==> flow/design.v <==
module comparator_blk #(
    parameter integer W = 128
) (
    input  logic sys_clk,
    input  logic [W-1:0] i_A,
    input  logic [W-1:0] i_B,
    output logic o_is_eq
);
    logic [W-1:0] r_A;
    always_ff @(posedge sys_clk) begin
        r_A <= i_A;
    end
    logic [W-1:0] r_B;
    always_ff @(posedge sys_clk) begin
        r_B <= i_B;
    end
    logic [W-1:0] nxt;
    assign nxt = r_A ^ r_B;
    always_ff @(posedge sys_clk) begin
        o_is_eq <= (nxt == 0);
    end
endmodule
Step by step through the tools: comparator_blk --
What the tools print for comparator_blk, step after step. Lines are those of the file above, counted from 1. Cell names lack the library's common part. Not given: --
Inputs: top comparator_blk, clock port sys_clk, standard-cell library sky130hd, library corner tt_025C_1v80

Word level --
Counts by Yosys on the flattened word-level netlist (proc, flatten, opt, wreduce; memories kept). Register bits leave out memories and registers merged into their read ports (data or address); mux counts leave out enables and synchronous resets folded into registers. Print and check cells are left out. Cells with the same type and inputs are merged into one.
Word-level totals: memory cells 0, latch bits 0, output and inout port bits 1, cells after elaboration 5, ROM bits 0, register bits after elaboration 257, memory bits (writable) 0, bits of input ports 257, clocked read ports x word width 0
Operators by class: order comparisons 0, bitwise operators 1, divide/modulo/power cells 0, equality and inequality tests 0, add/sub/neg operators 0, muxes and demuxes 0, multipliers 0, reduce/logical cells 1, shift operators 0
Operator list (number):
- XOR 128 bit | 1
- logical NOT 128 bit | 1

Depth --
Depth = most cells in a row (Yosys ltp): at word level without a register or memory, in the mapped netlist without a sequential cell, where the memories' decode and read muxes count.
Depth: depth in word-level cells 2, ABC_AREA 0, mapped depth 5, gate-level depth less buffers 5

Synthesis result --
Source: synth_stat.txt of the flow (Yosys; design flattened, memories mapped). It holds for the ABC_AREA given above (unset counts as 0); a run with the other value may have another netlist.
Mapped netlist: area of sequential cells 0.0051449 mm², flip-flops 257, cell area after synthesis 0.0065388 mm², mapped cells 428, buffer cells 0
Cell types:
- dfxtp_1 | number 257, total area 5.14E+03 µm²
- xnor2_1 | number 128, total area 1.12E+03 µm²
- nand4_1 | number 34, total area 212.704 µm²
- nor4_1 | number 7, total area 43.792 µm²
- nor4_2 | number 1, total area 12.512 µm²
- nor2_1 | number 1, total area 3.754 µm²

Path before layout --
Source: OpenSTA report_checks on the synthesized netlist (no wires, ideal clock, input and output delay 20% of the period each), path of least setup slack; recovery checks are left aside. Register names are those of the netlist, which keeps one name where synthesis merged equal registers.
Timing after synthesis: path kind register to register, start point register r_B[85], end point register o_is_eq, time at the first pin 0 ps, stages 6, path buffers 0, setup time 65 ps, setup slack 257 ps, data required time 1235 ps, data arrival time 978 ps, clock period 1300 ps, delay of the path 1043 ps, synthesis period reached 1043 ps
"delay of the path" is the arrival time less input delay plus setup time. "stages": output pins that drive a net of the path, with the launching flip-flop's if there is one; two outputs of one cell count as two. "synthesis period reached" is the clock period less the worst setup slack; recovery checks do not enter. This is arithmetic on one report: input and output delays are still those of the set period (20% each). Between the ends stands the longest chain of elaborated cells between them, by number of cells; it is not shown to be the way that was timed. Of several equally long chains one is given. Each line given opens the expression or statement behind the cell; cells for indexed reads and writes are added by Yosys, which also makes memories of some case tables.
Between the ends, after synthesis: cell sequence dfxtp_1 > xnor2_1 > nand4_1 > nor4_1 > nand4_1 > nor2_1, cells in the longest elaborated chain 2, elaborated cells on any way between the ends 2, RTL lines with such cells 2, those cells by class logic (1); reduce/logical (1)
RTL lines, path after synthesis:
- from (decl) | line 13 | logic [W-1:0] r_B;
- from (assign) | line 15 | r_B <= i_B;
- XOR 128 bit | line 18 | assign nxt = r_A ^ r_B;
- logical NOT 128 bit | line 20 | o_is_eq <= (nxt == 0);
- to (assign) | line 20
- to (decl) | line 7 | output logic o_is_eq

Path in the finished layout --
Path of least setup slack in the final report of job 1 (OpenROAD, finished layout, wires in). Where an end is a register, its clock arrival counts in the times. The report prints the path's times to 10 ps; the period is as set.
Timing post-layout: path kind register to register, start point register r_A[122], end point register o_is_eq, time at the first pin 500 ps, path buffers 1, stages 7, setup time 60 ps, data arrival time 1940 ps, data required time 1730 ps, setup slack -210 ps, clock period 1300 ps
Between the ends stands the longest chain of elaborated cells between them, by number of cells; it is not shown to be the way that was timed. Of several equally long chains one is given.
Between the ends, post-layout: cell sequence dfxtp_2 > xnor2_2 > nand4_1 > nor4_2 > buf_4 > nand4_1 > nor2_1, cells in the longest elaborated chain 2, elaborated cells on any way between the ends 2, RTL lines with such cells 2, those cells by class logic (1); reduce/logical (1)
RTL lines, path post-layout:
- from (decl) | line 9 | logic [W-1:0] r_A;
- from (assign) | line 11 | r_A <= i_A;
- XOR 128 bit | line 18 | assign nxt = r_A ^ r_B;
- logical NOT 128 bit | line 20 | o_is_eq <= (nxt == 0);
- to (assign) | line 20
- to (decl) | line 7 | output logic o_is_eq

Memo
Re: implementation data of comparator_blk

Record of 3 stored runs of the RTL-to-layout flow on comparator_blk, platform sky130hd. The runs are unordered. Constraints: input delay and output delay 20% of the set period each, output load 0.01 pF.
"period achieved" is the run's clock period less its worst setup slack. It is reckoned from that one timing run; input and output delays stay at 20% of the period that was set.
By "allowed time less slack (worst setup path)" is meant the share of the clock period that the worst setup path is allowed (20% is reserved at inputs, 20% at outputs), minus its slack. Clock arrival times at its registers enter into it.
"power" is the tool's figure for a default switching activity; nothing was simulated.
"allowed time less slack (worst setup path)" is given in steps of 10 ps.

* Job 1 | settings: period_ns 1.3; CAP_MARGIN 20; CORE_MARGIN 2; CORE_UTILIZATION 40; SLEW_MARGIN 20 | results: chip area after synthesis (Yosys) 0.0065388 mm²; die footprint 0.0173857 mm²; standard-cell area after routing 0.0103024 mm²; post-route utilization 64.6 %; worst setup slack after layout -213 ps; setup TNS -213 ps; worst hold slack in the final report 197 ps; power 0.016844 W; period achieved 1,513 ps; allowed time less slack (worst setup path) 1,510 ps; worst setup path type register to register
* Job 2 | settings: period_ns 0.975; CORE_UTILIZATION 22; SETUP_SLACK_MARGIN 0.04; PLACE_DENSITY_LB_ADDON 0.02; CELL_PAD_IN_SITES_DETAIL_PLACEMENT 0; GPL_ROUTABILITY_DRIVEN 1; CTS_CLUSTER_SIZE 13; CTS_CLUSTER_DIAMETER 361; CAP_MARGIN 25; CORE_MARGIN 2; SLEW_MARGIN 20 | results: chip area after synthesis (Yosys) 0.0065388 mm²; die footprint 0.031117 mm²; standard-cell area after routing 0.0102924 mm²; post-route utilization 34.9 %; worst setup slack after layout -568 ps; setup TNS -713 ps; worst hold slack in the final report 115 ps; power 0.020648 W; period achieved 1,543 ps; allowed time less slack (worst setup path) 1,540 ps; worst setup path type register to register
* Job 3 | settings: period_ns 0.635; CORE_UTILIZATION 26; PLACE_DENSITY 0.8; CORE_ASPECT_RATIO 1.61; CELL_PAD_IN_SITES_GLOBAL_PLACEMENT 3; TNS_END_PERCENT 85; ABC_AREA 1; CAP_MARGIN 20; CORE_MARGIN 2; SLEW_MARGIN 20 | results: chip area after synthesis (Yosys) 0.0074834 mm²; die footprint 0.0301939 mm²; standard-cell area after routing 0.011765 mm²; post-route utilization 41.6 %; worst setup slack after layout -582 ps; setup TNS -1,205 ps; worst hold slack in the final report 29 ps; power 0.036201 W; period achieved 1,217 ps; allowed time less slack (worst setup path) 1,220 ps; worst setup path type register to register
